==> flow/design.v <==
module sync_add_unit #(
  parameter DATA_WIDTH = 128
) (
  input logic clk_i,
  input logic rst,
  input logic valid,
  input logic [DATA_WIDTH-1:0] arg0,
  input logic [DATA_WIDTH-1:0] arg1,
  input logic cy_in,
  output logic [DATA_WIDTH-1:0] result,
  output logic carry_out
);
  logic [DATA_WIDTH-1:0] arg0_s;
  logic [DATA_WIDTH-1:0] arg1_s;
  logic cy_in_s;
  logic [DATA_WIDTH-1:0] val;
  logic [DATA_WIDTH:0] carry;
  assign carry[0] = cy_in_s;
  generate
    for (genvar i = 0; i < DATA_WIDTH; i++) begin : g_bit
      assign val[i] = arg0_s[i] ^ arg1_s[i] ^ carry[i];
      assign carry[i+1] = (arg0_s[i] & arg1_s[i]) | (carry[i] & (arg0_s[i] ^ arg1_s[i]));
    end
  endgenerate
  always_ff @(posedge clk_i or posedge rst) begin
    if (rst) begin
      arg0_s <= 0;
      arg1_s <= 0;
      cy_in_s <= 1'b0;
      result <= 0;
      carry_out <= 1'b0;
    end else if (valid) begin
      arg0_s <= arg0;
      arg1_s <= arg1;
      cy_in_s <= cy_in;
      result <= val;
      carry_out <= carry[DATA_WIDTH];
    end
  end
endmodule
=== From RTL to reports: sync_add_unit ===
Tool output for the design above, in the order of the flow.
Line numbers count from 1 in the design file above.
Not given: -

* Top module: sync_add_unit
* Clock port: clk_i
* Library: sky130hd
* Library corner: tt_025C_1v80

=== Word level ===
Source: Yosys, flattened and elaborated, memories not mapped. Widths are those after wreduce; folded enables and synchronous resets count as part of the registers. Registers that Yosys merges into a memory's read port (data or address) are not register bits. Print and check cells do not count. Equal cells are merged and count once.

* Bits in latches: 0
* Memories: 0
* ROM bits: 0
* Elaborated cells: 645
* Output and inout port bits: 129
* Register bits: 386
* Input port bits: 260
* RAM bits: 0
* Word width x clocked read ports: 0

* Multipliers: 0
* Mux-type cells: 0
* Div/mod/pow operators: 0
* Reductions and logical operators: 0
* $lt $le $gt $ge: 0
* Bitwise logic cells: 640
* Shift-type cells: 0
* Add/sub/neg operators: 0
* Equality and inequality tests: 0

{| class="wikitable"
|+ Operator list
! cell !! number
|-
| AND 1 bit || 256
|-
| bitwise XOR 1 bit || 256
|-
| OR 1 bit || 128
|}

=== Longest topological paths ===
Yosys ltp: most cells in a row. Word level: on the elaborated netlist, between registers, memories and ports. Mapped: between sequential cells and ports; inverters and the memories' decode and read muxes count.

* Depth after elaboration: 257
* ABC_AREA: 1
* Gate-level depth with buffers: 134
* Gate-level depth less buffers: 134

=== Netlist ===
The flow's flattened synthesis, as Yosys stat reports it; memories are mapped. The netlist is that of the ABC_AREA named above (0 if unset); the other value can give another one.
Totals and module areas in this step are rounded.

{| class="wikitable"
|+ Cell types
! cell type !! number !! area in all (µm²)
|-
| sky130_fd_sc_hd__dfrtp_1 || 386 || 9.66E+03
|-
| sky130_fd_sc_hd__nand2_1 || 1,158 || 4.35E+03
|-
| sky130_fd_sc_hd__fa_1 || 128 || 2.56E+03
|-
| sky130_fd_sc_hd__buf_6 || 35 || 394.128
|-
| sky130_fd_sc_hd__buf_2 || 39 || 195.187
|-
| sky130_fd_sc_hd__buf_4 || 8 || 60.058
|-
| sky130_fd_sc_hd__inv_1 || 11 || 41.29
|-
| sky130_fd_sc_hd__clkbuf_1 || 3 || 11.261
|-
| sky130_fd_sc_hd__inv_4 || 1 || 6.256
|}

* Flip-flops: 386
* Buffer cells: 85
* Sequential part of the area: 9,659 µm²
* Cell count: 1,769
* Synthesis area: 17,280 µm²

=== Worst setup path after synthesis ===
OpenSTA on the mapped netlist: ideal clock, no wires. The path of least setup slack (recovery checks aside). Input and output delay are each 20% of the period. Register names are those of the netlist, which keeps one name where synthesis merged equal registers.

* Path kind: register -> register
* Start point: register arg0_s[0]
* End point: register result[127]
* Time at the first pin: 0.000 ns
* Arrival time: 49.066 ns
* Setup time: 0.065 ns
* Required time: 61.335 ns
* Clock period: 61.4 ns
* Stages on the path: 135
* Buffers on the path: 0
* Path delay: 49.131 ns
* Path slack: 12.269 ns
* Period reached after synthesis: 49.131 ns

"path delay" is the arrival time less input delay plus setup time.
"stages on the path": output pins that drive a net of the path, with the launching flip-flop's if there is one; two outputs of one cell count as two.
"period reached after synthesis" = period - worst setup slack (recovery checks aside). The figure is calculated, with input and output delays left at 20% of the set period.
Between the ends stands the longest chain of elaborated cells between them, by number of cells; it is not shown to be the way that was timed. Of several equally long chains one is given.
A line is the first line of the expression or statement that the cell stems from. Yosys adds cells for indexed reads and writes and turns some case tables into memories.

* Path through: sky130_fd_sc_hd__dfrtp_1 > sky130_fd_sc_hd__fa_1 > sky130_fd_sc_hd__fa_1 > sky130_fd_sc_hd__fa_1 > sky130_fd_sc_hd__fa_1 > sky130_fd_sc_hd__fa_1 > sky130_fd_sc_hd__fa_1 > sky130_fd_sc_hd__fa_1 > sky130_fd_sc_hd__fa_1 > sky130_fd_sc_hd__fa_1 > sky130_fd_sc_hd__fa_1 > sky130_fd_sc_hd__fa_1 > sky130_fd_sc_hd__fa_1 > sky130_fd_sc_hd__fa_1 > sky130_fd_sc_hd__fa_1 > sky130_fd_sc_hd__fa_1 > sky130_fd_sc_hd__fa_1 > sky130_fd_sc_hd__fa_1 > [... 99 more ...] > sky130_fd_sc_hd__fa_1 > sky130_fd_sc_hd__fa_1 > sky130_fd_sc_hd__fa_1 > sky130_fd_sc_hd__fa_1 > sky130_fd_sc_hd__fa_1 > sky130_fd_sc_hd__fa_1 > sky130_fd_sc_hd__fa_1 > sky130_fd_sc_hd__fa_1 > sky130_fd_sc_hd__fa_1 > sky130_fd_sc_hd__inv_1 > sky130_fd_sc_hd__fa_1 > sky130_fd_sc_hd__inv_1 > sky130_fd_sc_hd__fa_1 > sky130_fd_sc_hd__inv_1 > sky130_fd_sc_hd__fa_1 > sky130_fd_sc_hd__inv_1 > sky130_fd_sc_hd__nand2_1 > sky130_fd_sc_hd__nand2_1
* Length of the longest elaborated chain: 256
* Elaborated cells on any way between the ends: 257
* Those cells by class: logic: 257

{| class="wikitable"
|+ Ends and longest elaborated chain, after synthesis
! what !! line !! RTL
|-
| start: declaration || 13 || <nowiki>logic [DATA_WIDTH-1:0] arg0_s;</nowiki>
|-
| start: assignment || 27 || <nowiki>arg0_s <= 0;</nowiki>
|-
| start: assignment || 33 || <nowiki>arg0_s <= arg0;</nowiki>
|-
| bitwise XOR 1 bit || 22 || <nowiki>assign carry[i+1] = (arg0_s[i] & arg1_s[i]) | (carry[i] & (arg0_s[i] ^ arg1_s[i]));</nowiki>
|-
| AND 1 bit || 22 ||
|-
| OR 1 bit || 22 ||
|-
| AND 1 bit || 22 ||
|-
| OR 1 bit || 22 ||
|-
| AND 1 bit || 22 ||
|-
| OR 1 bit || 22 ||
|-
| [... 242 more ...] || - ||
|-
| AND 1 bit || 22 ||
|-
| OR 1 bit || 22 ||
|-
| AND 1 bit || 22 ||
|-
| OR 1 bit || 22 ||
|-
| AND 1 bit || 22 ||
|-
| OR 1 bit || 22 ||
|-
| bitwise XOR 1 bit || 21 || <nowiki>assign val[i] = arg0_s[i] ^ arg1_s[i] ^ carry[i];</nowiki>
|-
| end: assignment || 30 || <nowiki>result <= 0;</nowiki>
|-
| end: assignment || 36 || <nowiki>result <= val;</nowiki>
|-
| end: declaration || 10 || <nowiki>output logic [DATA_WIDTH-1:0] result,</nowiki>
|}

=== Path in the finished layout ===
From the final timing report of flow run 1: the path of least setup slack in the routed layout; clock arrival at registers is part of the times.

* Path kind: register -> register
* Start point: register arg0_s[0]
* End point: register result[127]
* Buffers on the path: 0
* Clock period: 44.6 ns
* Setup time: 0.06 ns
* Required time: 45.11 ns
* Time at the first pin: 0.58 ns
* Path slack: -1.74 ns
* Stages on the path: 135
* Arrival time: 46.86 ns

Between the ends stands the longest chain of elaborated cells between them, by number of cells; it is not shown to be the way that was timed. Of several equally long chains one is given.

* Path through: sky130_fd_sc_hd__dfrtp_1 > sky130_fd_sc_hd__fa_2 > sky130_fd_sc_hd__fa_2 > sky130_fd_sc_hd__fa_2 > sky130_fd_sc_hd__fa_2 > sky130_fd_sc_hd__fa_2 > sky130_fd_sc_hd__fa_2 > sky130_fd_sc_hd__fa_2 > sky130_fd_sc_hd__fa_2 > sky130_fd_sc_hd__fa_2 > sky130_fd_sc_hd__fa_2 > sky130_fd_sc_hd__fa_2 > sky130_fd_sc_hd__fa_2 > sky130_fd_sc_hd__fa_2 > sky130_fd_sc_hd__fa_2 > sky130_fd_sc_hd__fa_2 > sky130_fd_sc_hd__fa_2 > sky130_fd_sc_hd__fa_2 > [... 99 more ...] > sky130_fd_sc_hd__fa_2 > sky130_fd_sc_hd__fa_2 > sky130_fd_sc_hd__fa_2 > sky130_fd_sc_hd__fa_2 > sky130_fd_sc_hd__fa_2 > sky130_fd_sc_hd__fa_2 > sky130_fd_sc_hd__fa_2 > sky130_fd_sc_hd__fa_2 > sky130_fd_sc_hd__fa_1 > sky130_fd_sc_hd__inv_1 > sky130_fd_sc_hd__fa_1 > sky130_fd_sc_hd__inv_1 > sky130_fd_sc_hd__fa_1 > sky130_fd_sc_hd__inv_1 > sky130_fd_sc_hd__fa_1 > sky130_fd_sc_hd__inv_1 > sky130_fd_sc_hd__nand2_1 > sky130_fd_sc_hd__nand2_1
* Length of the longest elaborated chain: 256
* Elaborated cells on any way between the ends: 257
* Those cells by class: logic: 257

{| class="wikitable"
|+ Ends and longest elaborated chain, post-layout
! what !! line !! RTL
|-
| start: declaration || 13 || <nowiki>logic [DATA_WIDTH-1:0] arg0_s;</nowiki>
|-
| start: assignment || 27 || <nowiki>arg0_s <= 0;</nowiki>
|-
| start: assignment || 33 || <nowiki>arg0_s <= arg0;</nowiki>
|-
| bitwise XOR 1 bit || 22 || <nowiki>assign carry[i+1] = (arg0_s[i] & arg1_s[i]) | (carry[i] & (arg0_s[i] ^ arg1_s[i]));</nowiki>
|-
| AND 1 bit || 22 ||
|-
| OR 1 bit || 22 ||
|-
| AND 1 bit || 22 ||
|-
| OR 1 bit || 22 ||
|-
| AND 1 bit || 22 ||
|-
| OR 1 bit || 22 ||
|-
| [... 242 more ...] || - ||
|-
| AND 1 bit || 22 ||
|-
| OR 1 bit || 22 ||
|-
| AND 1 bit || 22 ||
|-
| OR 1 bit || 22 ||
|-
| AND 1 bit || 22 ||
|-
| OR 1 bit || 22 ||
|-
| bitwise XOR 1 bit || 21 || <nowiki>assign val[i] = arg0_s[i] ^ arg1_s[i] ^ carry[i];</nowiki>
|-
| end: assignment || 30 || <nowiki>result <= 0;</nowiki>
|-
| end: assignment || 36 || <nowiki>result <= val;</nowiki>
|-
| end: declaration || 10 || <nowiki>output logic [DATA_WIDTH-1:0] result,</nowiki>
|}

Hand-over note for sync_add_unit

Flow measurements of sync_add_unit on sky130hd: 3 stored runs with different settings, listed in no order. Input and output delays are each 20% of the period that was set; the output load is 0.01 pF.
"clock period reached" means the clock period less the worst setup slack. The figure is calculated, with input and output delays left at 20% of the set period.
Results are given in rounded form.

=== Flow run 1 ===
{| class="wikitable"
! Setting !! Value
|-
| period_ns || 44.6
|-
| CORE_UTILIZATION || 27
|-
| PLACE_DENSITY_LB_ADDON || 0.08
|-
| TNS_END_PERCENT || 10
|-
| ABC_AREA || 1
|-
| GPL_TIMING_DRIVEN || 0
|-
| GPL_ROUTABILITY_DRIVEN || 1
|-
| CTS_CLUSTER_DIAMETER || 65
|-
| SLEW_MARGIN || 10
|-
| MIN_ROUTING_LAYER || met2
|-
| CAP_MARGIN || 20
|-
| CORE_MARGIN || 2
|-
! Result !! Value
|-
| Worst hold slack after layout || 0.469 ns
|-
| Worst setup slack after layout || -1.743 ns
|-
| Clock period reached || 46.343 ns
|-
| Die area || 66,030 µm²
|-
| Standard-cell area after layout || 24,280 µm²
|-
| Area of the synthesized netlist || 17,280 µm²
|-
| Utilization after layout || 0.384
|-
| Setup total negative slack || -6.830 ns
|}

=== Flow run 2 ===
{| class="wikitable"
! Setting !! Value
|-
| period_ns || 40.0
|-
| CORE_UTILIZATION || 28
|-
| SETUP_SLACK_MARGIN || 5.0
|-
| PLACE_DENSITY_LB_ADDON || 0.19
|-
| CELL_PAD_IN_SITES_DETAIL_PLACEMENT || 0
|-
| GPL_TIMING_DRIVEN || 1
|-
| GPL_ROUTABILITY_DRIVEN || 0
|-
| CAP_MARGIN || 20
|-
| CORE_MARGIN || 2
|-
| SLEW_MARGIN || 20
|-
! Result !! Value
|-
| Setup total negative slack || -59.39 ns
|-
| Worst hold slack after layout || 0.483 ns
|-
| Clock period reached || 45.788 ns
|-
| Utilization after layout || 0.386
|-
| Die area || 63,650 µm²
|-
| Worst setup slack after layout || -5.788 ns
|-
| Area of the synthesized netlist || 17,260 µm²
|-
| Standard-cell area after layout || 23,710 µm²
|}

=== Flow run 3 ===
{| class="wikitable"
! Setting !! Value
|-
| period_ns || 61.4
|-
| CAP_MARGIN || 20
|-
| CORE_MARGIN || 2
|-
| CORE_UTILIZATION || 40
|-
| SLEW_MARGIN || 20
|-
! Result !! Value
|-
| Setup total negative slack || 0.000 ns
|-
| Standard-cell area after layout || 22,960 µm²
|-
| Utilization after layout || 0.537
|-
| Die area || 44,830 µm²
|-
| Worst setup slack after layout || 9.842 ns
|-
| Worst hold slack after layout || 0.484 ns
|-
| Area of the synthesized netlist || 17,260 µm²
|-
| Clock period reached || 51.558 ns
|}

End of note.
